==> flow/design.v <==
module dp_arith_add_mod #(
  parameter integer WD = 128
) (
  input wire aclk,
  input wire srst,
  input wire [WD-1:0] in0,
  input wire [WD-1:0] in1,
  input wire carry_in,
  output wire [WD-1:0] o,
  output wire carry_out
);
  wire [WD:0] r = in0 + in1 + carry_in;
  reg [WD-1:0] o_d1;
  always @(posedge aclk) begin
    if (srst) begin
      o_d1 <= 0;
    end else begin
      o_d1 <= r[WD-1:0];
    end
  end
  assign o = o_d1;
  reg carry_out_d1;
  always @(posedge aclk) begin
    if (srst) begin
      carry_out_d1 <= 1'b0;
    end else begin
      carry_out_d1 <= r[WD];
    end
  end
  assign carry_out = carry_out_d1;
endmodule
-- Reports on dp_arith_add_mod
The steps from the RTL of dp_arith_add_mod to its reports follow in flow order.
Lines are those of the file above, counted from 1.
Operators carry their Yosys type and port widths (W data, S select, Z words).
Library cell names are shortened.
The mark -- stands for no value.
- design top: dp_arith_add_mod
- clock port: aclk
- cell library: sky130hd
- library corner: tt_025C_1v80

-- Elaborated design
Counts by Yosys on the flattened word-level netlist (proc, flatten, opt, wreduce; memories kept). Register bits leave out memories and registers merged into their read ports (data or address); mux counts leave out enables and synchronous resets folded into registers. Print and check cells are left out. Cells with the same type and inputs are merged into one.
- bits in registers at 129
- add/sub/neg operators at 2
- operator list (cell ; count):
    $add A128 B128 Y129 ; 1
    $add A129 B1 Y129 ; 1

-- Longest topological paths
Depth = most cells in a row (Yosys ltp): at word level without a register or memory, in the mapped netlist without a sequential cell, where the memories' decode and read muxes count.
- depth after elaboration: 2
- ABC_AREA: 0
- noted mapped depth: 12
- noted mapped depth without buffers: 12

-- Synthesis result
Yosys stat after the flow's synthesis: flattened, memories mapped to cells. It holds for the ABC_AREA given above (unset counts as 0); a run with the other value may have another netlist.
The area totals of this step are shown rounded.
- cells by type (type ; count ; area in all (um^2)):
    dfxtp_1 ; 129 ; 2.58E+03
    ha_1 ; 127 ; 1.59E+03
    a21oi_1 ; 217 ; 1.09E+03
    nor2_1 ; 241 ; 904.618
    o21ai_0 ; 126 ; 630.605
    nand2_1 ; 166 ; 623.098
    xnor2_1 ; 56 ; 490.47
    a21o_1 ; 59 ; 442.925
    nand4_1 ; 63 ; 394.128
    xor2_1 ; 45 ; 394.128
    o21bai_1 ; 30 ; 225.216
    nor3_1 ; 43 ; 215.206
    clkbuf_1 ; 47 ; 176.419
    o21a_1 ; 21 ; 157.651
    nor2b_1 ; 20 ; 125.12
    inv_1 ; 31 ; 116.362
    nand3_1 ; 21 ; 105.101
    mux2_2 ; 9 ; 101.347
Not listed: further types 57, cells in them 213.
- cell count at 1664
- buffer cells: 67
- noted cell area after synthesis: 12000 um^2
- flip-flop cells: 129

-- Path before layout
OpenSTA on the mapped netlist: ideal clock, no wires. The path of least setup slack (recovery checks aside). Input and output delay are each 20% of the period. Register names are those of the netlist, which keeps one name where synthesis merged equal registers.
- kind: input port to flip-flop
- start point: input in0[0]
- end point: register o_d1[74]
- required time: 4.839 ns
- noted path delay: 3.174 ns
- data arrival time: 4.045 ns
- clock period: 4.96 ns
- setup slack: 0.794 ns
- stages on the path at 12
- period reached after synthesis at 4.166 ns
"path delay" = arrival - input delay + setup time.
"stages on the path": output pins that drive a net of the path, with the launching flip-flop's if there is one; two outputs of one cell count as two.
"period reached after synthesis" is the clock period less the worst setup slack; recovery checks do not enter. This is arithmetic on one report: input and output delays are still those of the set period (20% each).
The rows between start and end are the longest chain of elaborated cells between them; the timing report does not say that the signal goes this way. Where chains are equally long, one stands for them.
Each line given opens the expression or statement behind the cell; cells for indexed reads and writes are added by Yosys, which also makes memories of some case tables.
- cells stage by stage: fa_1 fa_1 nand3_1 nand4_1 a31o_1 a211o_1 a31o_4 a21oi_1 o211ai_1 a21o_1 a21oi_1 mux2_2
- length of the longest elaborated chain at 2
- elaborated cells between the ends (all ways): 2
- those cells by class: 2 x add/sub
- ends and longest elaborated chain, after synthesis (element ; RTL line ; source):
    from (decl) ; 6 ; input wire [WD-1:0] in0,
    $add A128 B128 Y129 ; 12 ; wire [WD:0] r = in0 + in1 + carry_in;
    $add A129 B1 Y129 ; 12 ;
    to (assign) ; 16 ; o_d1 <= 0;
    to (assign) ; 18 ; o_d1 <= r[WD-1:0];
    to (decl) ; 13 ; reg [WD-1:0] o_d1;

-- Worst path after layout
From the final timing report of run C: the path of least setup slack in the routed layout; clock arrival at registers is part of the times.
- kind: input port to flip-flop
- start point: input in0[12]
- end point: register o_d1[119]
- data arrival time: 4.85 ns
- setup slack: 0.43 ns
- stages on the path at 12
- clock period: 4.96 ns
- required time: 5.28 ns
The rows between start and end are the longest chain of elaborated cells between them; the timing report does not say that the signal goes this way. Where chains are equally long, one stands for them.
- cells stage by stage: clkdlybuf4s50_1 ha_1 a21oi_1 o211ai_1 a21oi_1 a211oi_2 o2111ai_1 a31oi_1 a311oi_1 or4_1 and3_1 mux2_1
- length of the longest elaborated chain at 2
- elaborated cells between the ends (all ways): 2
- those cells by class: 2 x add/sub
- ends and longest elaborated chain, after layout (element ; RTL line ; source):
    from (decl) ; 6 ; input wire [WD-1:0] in0,
    $add A128 B128 Y129 ; 12 ; wire [WD:0] r = in0 + in1 + carry_in;
    $add A129 B1 Y129 ; 12 ;
    to (assign) ; 16 ; o_d1 <= 0;
    to (assign) ; 18 ; o_d1 <= r[WD-1:0];
    to (decl) ; 13 ; reg [WD-1:0] o_d1;

## Implementation results

Top module dp_arith_add_mod; platform sky130hd; tools Yosys and OpenROAD; 3 stored runs in no particular order. Input and output delays are each 20% of the period that was set; the output load is 0.01 pF.
By "achieved period" is meant the clock period of the run minus its worst setup slack. This is arithmetic on one report: input and output delays are still those of the set period (20% each).
By "worst setup path time" is meant the share of the clock period that the worst setup path is allowed (20% is reserved at inputs, 20% at outputs), minus its slack. Clock arrival times at its registers enter into it.
By "power consumption" is meant OpenSTA's value without simulated activity: inputs other than the clock are taken to toggle once in ten clock periods, and the tool carries that through the logic.
The results are shown rounded.

Run A
Settings were period_ns = 3.46; CORE_UTILIZATION = 69; SETUP_SLACK_MARGIN = 0.22; PLACE_DENSITY_LB_ADDON = 0.29; CORE_MARGIN = 9; CELL_PAD_IN_SITES_GLOBAL_PLACEMENT = 3; TNS_END_PERCENT = 20; GPL_TIMING_DRIVEN = 1; GPL_ROUTABILITY_DRIVEN = 0; CAP_MARGIN = 25; MAX_ROUTING_LAYER = met4; SLEW_MARGIN = 20
- incomplete, placement halted on FLW-0024

Run B
Settings were period_ns = 2.9; CORE_UTILIZATION = 68; PLACE_DENSITY_LB_ADDON = 0.29; CORE_MARGIN = 5; CELL_PAD_IN_SITES_GLOBAL_PLACEMENT = 3; TNS_END_PERCENT = 25; ABC_AREA = 0; CTS_CLUSTER_DIAMETER = 44; CAP_MARGIN = 35; SLEW_MARGIN = 20
- incomplete, placement halted on FLW-0024

Run C
Settings were period_ns = 4.96; CAP_MARGIN = 20; CORE_MARGIN = 2; CORE_UTILIZATION = 40; SLEW_MARGIN = 20
- worst setup path time at 3.54 ns
- class of the worst setup path: input port to flip-flop
- noted the setup slack of the worst path: 0.428 ns
- power consumption: 4630 µW
- post-synthesis cell area at 12000 um^2
- noted the achieved period: 4.532 ns
- noted the die size: 31400 um^2
- worst hold slack in the final report: 1.17 ns
- utilization in the final report: 57.1 %
- noted the total negative slack on setup checks: 0.000 ns
